==> flow/design.v <==
module alu_arith_add_top #(
   parameter integer DWIDTH = 14
) (
   input  wire clk,
   input  wire rst_n,
   input  wire [DWIDTH-1:0] op_a,
   input  wire [DWIDTH-1:0] op_b,
   input  wire [DWIDTH-1:0] op_c,
   output reg [DWIDTH+1:0] o
);
   wire [DWIDTH-1:0] nxt = op_a ^ op_b ^ op_c;
   wire [DWIDTH-1:0] chain = (op_a & op_b) | (op_a & op_c) | (op_b & op_c);
   always @(posedge clk or negedge rst_n) begin
      if (!rst_n) begin
         o <= 0;
      end else begin
         o <= nxt + {chain, 1'b0};
      end
   end
endmodule
-- Reports on alu_arith_add_top
Tool output for the design above, in the order of the flow.
Line numbers count from 1 in the design file above.
Operators carry their Yosys type and port widths (W data, S select, Z words).
Library cell names are shortened.
A cell with n/a has no value.
- top module: alu_arith_add_top
- clock input: clk
- library: sky130hd
- corner: tt_025C_1v80

-- After elaboration
Counts by Yosys on the flattened word-level netlist (proc, flatten, opt, wreduce; memories kept). Register bits leave out memories and registers merged into their read ports (data or address); mux counts leave out enables and synchronous resets folded into registers. Print and check cells are left out. Cells with the same type and inputs are merged into one.
- add/sub/neg operators: 1
- noted bitwise gates (word level): 7
- operator list (cell ; number):
    $and A14 B14 Y14 ; 3
    $or A14 B14 Y14 ; 2
    $xor A14 B14 Y14 ; 2
    $add A14 B15 Y16 ; 1
- flip-flop bits (word level) at 16

-- Depth
Longest topological path by Yosys (ltp), each cell counted once; first at word level (registers and memories cut), then after technology mapping (sequential cells cut; the memories' decode and read muxes count).
- noted depth in word-level cells: 4
- ABC_AREA: 0
- noted mapped depth: 11
- depth with buffers taken out: 11

-- Synthesis result
Yosys stat after the flow's synthesis: flattened, memories mapped to cells. It holds for the ABC_AREA given above (unset counts as 0); a run with the other value may have another netlist.
- mapped cells: 123
- mapped area: 1368.8 um^2
- noted sequential part of the area: 400.4 um^2
- noted flip-flops: 16
- buffers at 0
- cells by type (type ; number ; area in all (um^2)):
    dfrtp_1 ; 16 ; 400.384
    fa_1 ; 15 ; 300.288
    ha_1 ; 13 ; 162.656
    xnor2_1 ; 8 ; 70.067
    inv_1 ; 16 ; 60.058
    a21o_1 ; 6 ; 45.043
    a21oi_1 ; 9 ; 45.043
    a31oi_4 ; 1 ; 21.27
    and3_1 ; 3 ; 18.768
    nand4_1 ; 3 ; 18.768
    nor2_1 ; 5 ; 18.768
    o41ai_2 ; 1 ; 16.266
    nor3_1 ; 3 ; 15.014
    o211ai_1 ; 2 ; 15.014
    a31oi_1 ; 2 ; 12.512
    a21boi_2 ; 1 ; 11.261
    a221o_2 ; 1 ; 11.261
    nand2_1 ; 3 ; 11.261
Not listed: further types 15, cells in them 15.

-- Worst setup path after synthesis
OpenSTA on the mapped netlist: ideal clock, no wires. The path of least setup slack (recovery checks aside). Input and output delay are each 20% of the period. Register names are those of the netlist, which keeps one name where synthesis merged equal registers.
- path kind: input to register
- start: input op_a[1]
- end: register o[9]
- clock period: 2.99 ns
- external input delay: 0.598 ns
- noted setup time: 0.080 ns
- time at the first pin: 0.598 ns
- data arrival time at 2.431 ns
- path slack at 0.479 ns
- noted delay of the path: 1.913 ns
- noted driving pins on the path: 9
- noted buffers on the path: 0
- noted synthesis period reached: 2.511 ns
"delay of the path" is the arrival time less input delay plus setup time.
"driving pins on the path" counts driving pins, that of a launching flip-flop among them; a cell with two outputs on the path counts twice.
"synthesis period reached" = period - worst setup slack (recovery checks aside). The figure is calculated, with input and output delays left at 20% of the set period.
The rows between start and end are the longest chain of elaborated cells between them; the timing report does not say that the signal goes this way. Where chains are equally long, one stands for them.
A line is the first line of the expression or statement that the cell stems from. Yosys adds cells for indexed reads and writes and turns some case tables into memories.
- path through: fa_1 -> ha_1 -> inv_1 -> fa_1 -> inv_1 -> a21o_1 -> a221o_2 -> a31oi_4 -> xnor2_1
- cells in the longest elaborated chain at 4
- ends and longest elaborated chain, post-synthesis (element ; line ; source):
    start: declaration ; 6 ; input  wire [DWIDTH-1:0] op_a,
    $and A14 B14 Y14 ; 12 ; wire [DWIDTH-1:0] chain = (op_a & op_b) | (op_a & op_c) | (op_b & op_c);
    $or A14 B14 Y14 (2 in a row) ; 12 ;
    $add A14 B15 Y16 ; 17 ; o <= nxt + {chain, 1'b0};
    end: assignment ; 15 ; o <= 0;
    end: assignment ; 17 ;
    end: declaration ; 9 ; output reg [DWIDTH+1:0] o

-- Worst path after layout
Path of least setup slack in the final report of flow run B (OpenROAD, finished layout, wires in). Where an end is a register, its clock arrival counts in the times.
- path kind: input to register
- start: input op_a[1]
- end: register o[15]
- clock period: 3.88 ns
- external input delay: 0.78 ns
- noted setup time: 0.12 ns
- time at the first pin: 0.78 ns
- data arrival time at 3.13 ns
- path slack at 0.88 ns
- noted driving pins on the path: 10
- noted buffers on the path: 1
The rows between start and end are the longest chain of elaborated cells between them; the timing report does not say that the signal goes this way. Where chains are equally long, one stands for them.
- path through: clkdlybuf4s50_1 -> fa_1 -> ha_1 -> inv_1 -> fa_1 -> inv_1 -> a21o_1 -> a221o_2 -> a21oi_2 -> o22ai_1
- cells in the longest elaborated chain at 4
- ends and longest elaborated chain, post-layout (element ; line ; source):
    start: declaration ; 6 ; input  wire [DWIDTH-1:0] op_a,
    $and A14 B14 Y14 ; 12 ; wire [DWIDTH-1:0] chain = (op_a & op_b) | (op_a & op_c) | (op_b & op_c);
    $or A14 B14 Y14 (2 in a row) ; 12 ;
    $add A14 B15 Y16 ; 17 ; o <= nxt + {chain, 1'b0};
    end: assignment ; 15 ; o <= 0;
    end: assignment ; 17 ;
    end: declaration ; 9 ; output reg [DWIDTH+1:0] o

Ticket comment

3 stored runs of alu_arith_add_top in the flow (synthesis by Yosys, layout by OpenROAD, sky130hd cells), in arbitrary order. Constraints: input delay and output delay 20% of the set period each, output load 0.01 pF.
"clock period reached": clock period set for the run, less the worst setup slack. It is reckoned from that one timing run; input and output delays stay at 20% of the period that was set.
"time used up by the worst setup path" means the part of the period allowed to the worst setup path (the constraints hold back 20% at inputs and 20% at outputs) less its slack; where the path has registers, the arrival times of their clocks count too.

Flow run A

==> flow/run.sh <==
#!/bin/bash
# the make line also repeats the synthesis and layout settings of config.mk as NAME=value (left out here)
make -C /OpenROAD-flow-scripts/flow DESIGN_CONFIG=/design/flow/config.mk WORK_HOME=/design/flow/orfs CLKGATE_MAP_FILE= finish
==> flow/config.mk <==
export PLATFORM = sky130hd
export DESIGN_NAME = alu_arith_add_top
export DESIGN_NICKNAME = alu_arith_add_top
export VERILOG_FILES = /design/flow/design.v
export SDC_FILE = /design/flow/constraint.sdc
export NUM_CORES = 4
export LEC_CHECK = 0
export ABC_AREA = 1
export CAP_MARGIN = 20
export CELL_PAD_IN_SITES_GLOBAL_PLACEMENT = 3
export CORE_ASPECT_RATIO = 1.19
export CORE_MARGIN = 9
export CORE_UTILIZATION = 65
export GPL_TIMING_DRIVEN = 0
export SETUP_SLACK_MARGIN = 0.43
export SLEW_MARGIN = 20
==> flow/constraint.sdc <==
create_clock -name core_clock -period 3.27 [get_ports {clk}]
set_input_delay 0.6540 -clock core_clock [delete_from_list [all_inputs] [get_ports {clk}]]
set_output_delay 0.6540 -clock core_clock [all_outputs]
set_load 0.01 [all_outputs]

Flow run A: not finished: placement ended with error GPL-0301.

Flow run B

==> flow/run.sh <==
#!/bin/bash
# the make line also repeats the synthesis and layout settings of config.mk as NAME=value (left out here)
make -C /OpenROAD-flow-scripts/flow DESIGN_CONFIG=/design/flow/config.mk WORK_HOME=/design/flow/orfs CLKGATE_MAP_FILE= finish
==> flow/config.mk <==
export PLATFORM = sky130hd
export DESIGN_NAME = alu_arith_add_top
export DESIGN_NICKNAME = alu_arith_add_top
export VERILOG_FILES = /design/flow/design.v
export SDC_FILE = /design/flow/constraint.sdc
export NUM_CORES = 4
export LEC_CHECK = 0
export CAP_MARGIN = 20
export CELL_PAD_IN_SITES_DETAIL_PLACEMENT = 0
export CELL_PAD_IN_SITES_GLOBAL_PLACEMENT = 2
export CORE_MARGIN = 9
export CORE_UTILIZATION = 16
export HOLD_SLACK_MARGIN = 0.07
export PLACE_DENSITY_LB_ADDON = 0.12
export SLEW_MARGIN = 0
==> flow/constraint.sdc <==
create_clock -name core_clock -period 3.88 [get_ports {clk}]
set_input_delay 0.7760 -clock core_clock [delete_from_list [all_inputs] [get_ports {clk}]]
set_output_delay 0.7760 -clock core_clock [all_outputs]
set_load 0.01 [all_outputs]

Measured in flow run B:
- clock period reached at 3.003 ns
- post-synthesis cell area at 1368.8 um^2
- time used up by the worst setup path at 2.23 ns
- class of the worst setup path: input to register
- standard-cell area after routing at 2145.8 um^2
- worst setup slack after layout at 0.877 ns
- total negative setup slack at 0.000 ns
- area inside the die boundary at 12209.1 um^2

Flow run C

==> flow/run.sh <==
#!/bin/bash
# the make line also repeats the synthesis and layout settings of config.mk as NAME=value (left out here)
make -C /OpenROAD-flow-scripts/flow DESIGN_CONFIG=/design/flow/config.mk WORK_HOME=/design/flow/orfs CLKGATE_MAP_FILE= finish
==> flow/config.mk <==
export PLATFORM = sky130hd
export DESIGN_NAME = alu_arith_add_top
export DESIGN_NICKNAME = alu_arith_add_top
export VERILOG_FILES = /design/flow/design.v
export SDC_FILE = /design/flow/constraint.sdc
export NUM_CORES = 4
export LEC_CHECK = 0
export CAP_MARGIN = 20
export CORE_MARGIN = 2
export CORE_UTILIZATION = 40
export SLEW_MARGIN = 20
==> flow/constraint.sdc <==
create_clock -name core_clock -period 2.99 [get_ports {clk}]
set_input_delay 0.5980 -clock core_clock [delete_from_list [all_inputs] [get_ports {clk}]]
set_output_delay 0.5980 -clock core_clock [all_outputs]
set_load 0.01 [all_outputs]

Measured in flow run C:
- clock period reached at 2.752 ns
- post-synthesis cell area at 1368.8 um^2
- time used up by the worst setup path at 2.15 ns
- class of the worst setup path: input to register
- standard-cell area after routing at 2128.3 um^2
- worst setup slack after layout at 0.238 ns
- total negative setup slack at 0.000 ns
- area inside the die boundary at 3906.2 um^2
